==> flow/design.v <==
module u_add_unit_stage #(
   parameter int DATA_W = 8
) (
   input logic clk_i,
   input logic [DATA_W-1:0] rs1,
   input logic [DATA_W-1:0] rs2,
   input logic [DATA_W-1:0] rs3,
   output logic [DATA_W+1:0] o
);
   logic [DATA_W-1:0] rs1_d1;
   always_ff @(posedge clk_i) begin
      rs1_d1 <= rs1;
   end
   logic [DATA_W-1:0] rs2_d1;
   always_ff @(posedge clk_i) begin
      rs2_d1 <= rs2;
   end
   logic [DATA_W-1:0] rs3_d1;
   always_ff @(posedge clk_i) begin
      rs3_d1 <= rs3;
   end
   logic [DATA_W-1:0] work_d1;
   always_ff @(posedge clk_i) begin
      work_d1 <= rs1_d1 ^ rs2_d1 ^ rs3_d1;
   end
   logic [DATA_W-1:0] cy_d1;
   always_ff @(posedge clk_i) begin
      cy_d1 <= (rs1_d1 & rs2_d1) | (rs1_d1 & rs3_d1) | (rs2_d1 & rs3_d1);
   end
   always_ff @(posedge clk_i) begin
      o <= work_d1 + {cy_d1, 1'b0};
   end
endmodule
# From RTL to reports: u_add_unit_stage

Tool output for the design above, in the order of the flow.
Line numbers count from 1 in the design file above.
The mark -- stands for no value.

Top module: u_add_unit_stage
Clock input: clk_i
Cell library: sky130hd
Corner: tt_025C_1v80

# Elaborated design

Source: Yosys, flattened and elaborated, memories not mapped. Widths are those after wreduce; folded enables and synchronous resets count as part of the registers. Registers that Yosys merges into a memory's read port (data or address) are not register bits. Print and check cells do not count. Equal cells are merged and count once.

Bits in registers: 50
Input bits: 25
Output and inout port bits: 10
Word-level cells: 14

$add $sub $neg: 1
Bitwise gates (word level): 7

Operator list:

| cell                  | count |
| AND 8 bit             | 3 |
| bitwise OR 8 bit      | 2 |
| bitwise XOR 8 bit     | 2 |
| adder 8 x 9 -> 10 bit | 1 |

# Logic depth

Longest topological path by Yosys (ltp), each cell counted once; first at word level (registers and memories cut), then after technology mapping (sequential cells cut; the memories' decode and read muxes count).

Depth after elaboration: 3
ABC_AREA: 0
Gate-level depth with buffers: 6
Mapped depth without buffers: 6

# Netlist

Source: synth_stat.txt of the flow (Yosys; design flattened, memories mapped). It holds for the ABC_AREA given above (unset counts as 0); a run with the other value may have another netlist.

Cells by type:

| cell                      | count | area in all (µm²) |
| sky130_fd_sc_hd__dfxtp_1  | 50    | 1000.96 |
| sky130_fd_sc_hd__fa_1     | 9     | 180.173 |
| sky130_fd_sc_hd__ha_1     | 7     | 87.584 |
| sky130_fd_sc_hd__a21oi_1  | 5     | 25.024 |
| sky130_fd_sc_hd__nand3_1  | 4     | 20.019 |
| sky130_fd_sc_hd__nand2_1  | 5     | 18.768 |
| sky130_fd_sc_hd__xnor2_1  | 2     | 17.517 |
| sky130_fd_sc_hd__xor2_1   | 2     | 17.517 |
| sky130_fd_sc_hd__nor2_1   | 4     | 15.014 |
| sky130_fd_sc_hd__inv_1    | 3     | 11.261 |
| sky130_fd_sc_hd__a311o_1  | 1     | 10.01 |
| sky130_fd_sc_hd__and4b_1  | 1     | 10.01 |
| sky130_fd_sc_hd__a21oi_2  | 1     | 8.758 |
| sky130_fd_sc_hd__a221oi_1 | 1     | 8.758 |
| sky130_fd_sc_hd__o211ai_1 | 1     | 7.507 |
| sky130_fd_sc_hd__or4_1    | 1     | 7.507 |
| sky130_fd_sc_hd__nand2_2  | 1     | 6.256 |
| sky130_fd_sc_hd__nand2b_1 | 1     | 6.256 |

Not listed: further types 3, cells in them 3.

Cells in the netlist: 102
Synthesis area: 0.0014752 mm²
Sequential part of the area: 0.001001 mm²
Mapped flip-flops: 50
Buffers: 0

# Timing after synthesis

OpenSTA on the mapped netlist: ideal clock, no wires. The path of least setup slack (recovery checks aside). Input and output delay are each 20% of the period. Register names are those of the netlist, which keeps one name where synthesis merged equal registers.

Path kind: register to register
Start: register work_d1[3]
End: register o[6]
Clock period: 1850 ps
Setup time: 122 ps
Time at the first pin: 0 ps
Arrival time: 1359 ps
Data required time: 1728 ps
Slack: 369 ps
Delay of the path: 1481 ps
Stages: 6
Buffers on the path: 0
Synthesis period reached: 1481 ps

"delay of the path" = arrival - input delay + setup time.
"stages" counts driving pins, that of a launching flip-flop among them; a cell with two outputs on the path counts twice.
"synthesis period reached" is the clock period less the worst setup slack; recovery checks do not enter. This is arithmetic on one report: input and output delays are still those of the set period (20% each).
Between the ends stands the longest chain of elaborated cells between them, by number of cells; it is not shown to be the way that was timed. Of several equally long chains one is given.
Each line given opens the expression or statement behind the cell; cells for indexed reads and writes are added by Yosys, which also makes memories of some case tables.

Cells stage by stage: sky130_fd_sc_hd__dfxtp_1 -> sky130_fd_sc_hd__ha_1 -> sky130_fd_sc_hd__a21oi_1 -> sky130_fd_sc_hd__nand2_1 -> sky130_fd_sc_hd__and4b_1 -> sky130_fd_sc_hd__a311o_1
Length of the longest elaborated chain: 1
Elaborated cells between the ends (all ways): 1
Source lines of those cells: 1
Classes of those cells: add/sub (1)

Ends and longest elaborated chain, after synthesis:

| what                  | RTL line | text |
| from (decl)           | 22       | `logic [DATA_W-1:0] work_d1;` |
| from (assign)         | 24       | `work_d1 <= rs1_d1 ^ rs2_d1 ^ rs3_d1;` |
| adder 8 x 9 -> 10 bit | 31       | `o <= work_d1 + {cy_d1, 1'b0};` |
| to (assign)           | 31       |  |
| to (decl)             | 8        | `output logic [DATA_W+1:0] o` |

# Path in the finished layout

Path of least setup slack in the final report of run 1 (OpenROAD, finished layout, wires in). Where an end is a register, its clock arrival counts in the times.
The report prints the path's times to 10 ps; the period is as set.

Path kind: register to register
Start: register work_d1[3]
End: register o[6]
Clock period: 1850 ps
Setup time: 100 ps
Time at the first pin: 280 ps
Arrival time: 1770 ps
Data required time: 2030 ps
Slack: 270 ps
Stages: 6
Buffers on the path: 0

Between the ends stands the longest chain of elaborated cells between them, by number of cells; it is not shown to be the way that was timed. Of several equally long chains one is given.

Cells stage by stage: sky130_fd_sc_hd__dfxtp_1 -> sky130_fd_sc_hd__ha_1 -> sky130_fd_sc_hd__a21oi_1 -> sky130_fd_sc_hd__nand2_1 -> sky130_fd_sc_hd__and4b_1 -> sky130_fd_sc_hd__a311o_1
Length of the longest elaborated chain: 1
Elaborated cells between the ends (all ways): 1
Source lines of those cells: 1
Classes of those cells: add/sub (1)

Ends and longest elaborated chain, post-layout:

| what                  | RTL line | text |
| from (decl)           | 22       | `logic [DATA_W-1:0] work_d1;` |
| from (assign)         | 24       | `work_d1 <= rs1_d1 ^ rs2_d1 ^ rs3_d1;` |
| adder 8 x 9 -> 10 bit | 31       | `o <= work_d1 + {cy_d1, 1'b0};` |
| to (assign)           | 31       |  |
| to (decl)             | 8        | `output logic [DATA_W+1:0] o` |

--- measured runs ---
Record of 3 stored runs of the RTL-to-layout flow on u_add_unit_stage, platform sky130hd. The runs are unordered. Constraints: input delay and output delay 20% of the set period each, output load 0.01 pF.
By "overall power" is meant OpenSTA's value without simulated activity: inputs other than the clock are taken to toggle once in ten clock periods, and the tool carries that through the logic.
A setting shown as -- is not set for that run.

| item                                  | run 1     | run 2     | run 3     |
| period_ns                             | 1.85      | 1.81      | 1.46      |
| CAP_MARGIN                            | 20        | 20        | 20        |
| CORE_MARGIN                           | 2         | 8         | 2         |
| CORE_UTILIZATION                      | 40        | 28        | 30        |
| SLEW_MARGIN                           | 20        | 20        | 20        |
| SETUP_SLACK_MARGIN                    | --        | 0.11      | --        |
| PLACE_DENSITY_LB_ADDON                | --        | 0.13      | --        |
| CORE_ASPECT_RATIO                     | --        | 0.95      | --        |
| CELL_PAD_IN_SITES_GLOBAL_PLACEMENT    | --        | 3         | --        |
| CELL_PAD_IN_SITES_DETAIL_PLACEMENT    | --        | 0         | --        |
| ABC_AREA                              | --        | 0         | 0         |
| CTS_CLUSTER_SIZE                      | --        | 69        | 78        |
| CTS_CLUSTER_DIAMETER                  | --        | 120       | 327       |
| MAX_ROUTING_LAYER                     | --        | met4      | met5      |
| TNS_END_PERCENT                       | --        | --        | 65        |
| GPL_ROUTABILITY_DRIVEN                | --        | --        | 1         |
| MIN_ROUTING_LAYER                     | --        | --        | met1      |
| Yosys chip area after synthesis (mm²) | 0.0014752 | 0.0014752 | 0.0014752 |
| overall die area (mm²)                | 0.00419   | 0.0078478 | 0.0054938 |
| standard-cell area after layout (mm²) | 0.0019669 | 0.0019982 | 0.0021371 |
| setup slack of the worst path (ps)    | 267       | 199       | 4         |
| sum of negative setup slack (ps)      | 0         | 0         | 0         |
| overall power (mW)                    | 2.343     | 2.425     | 3.088     |
--- end ---
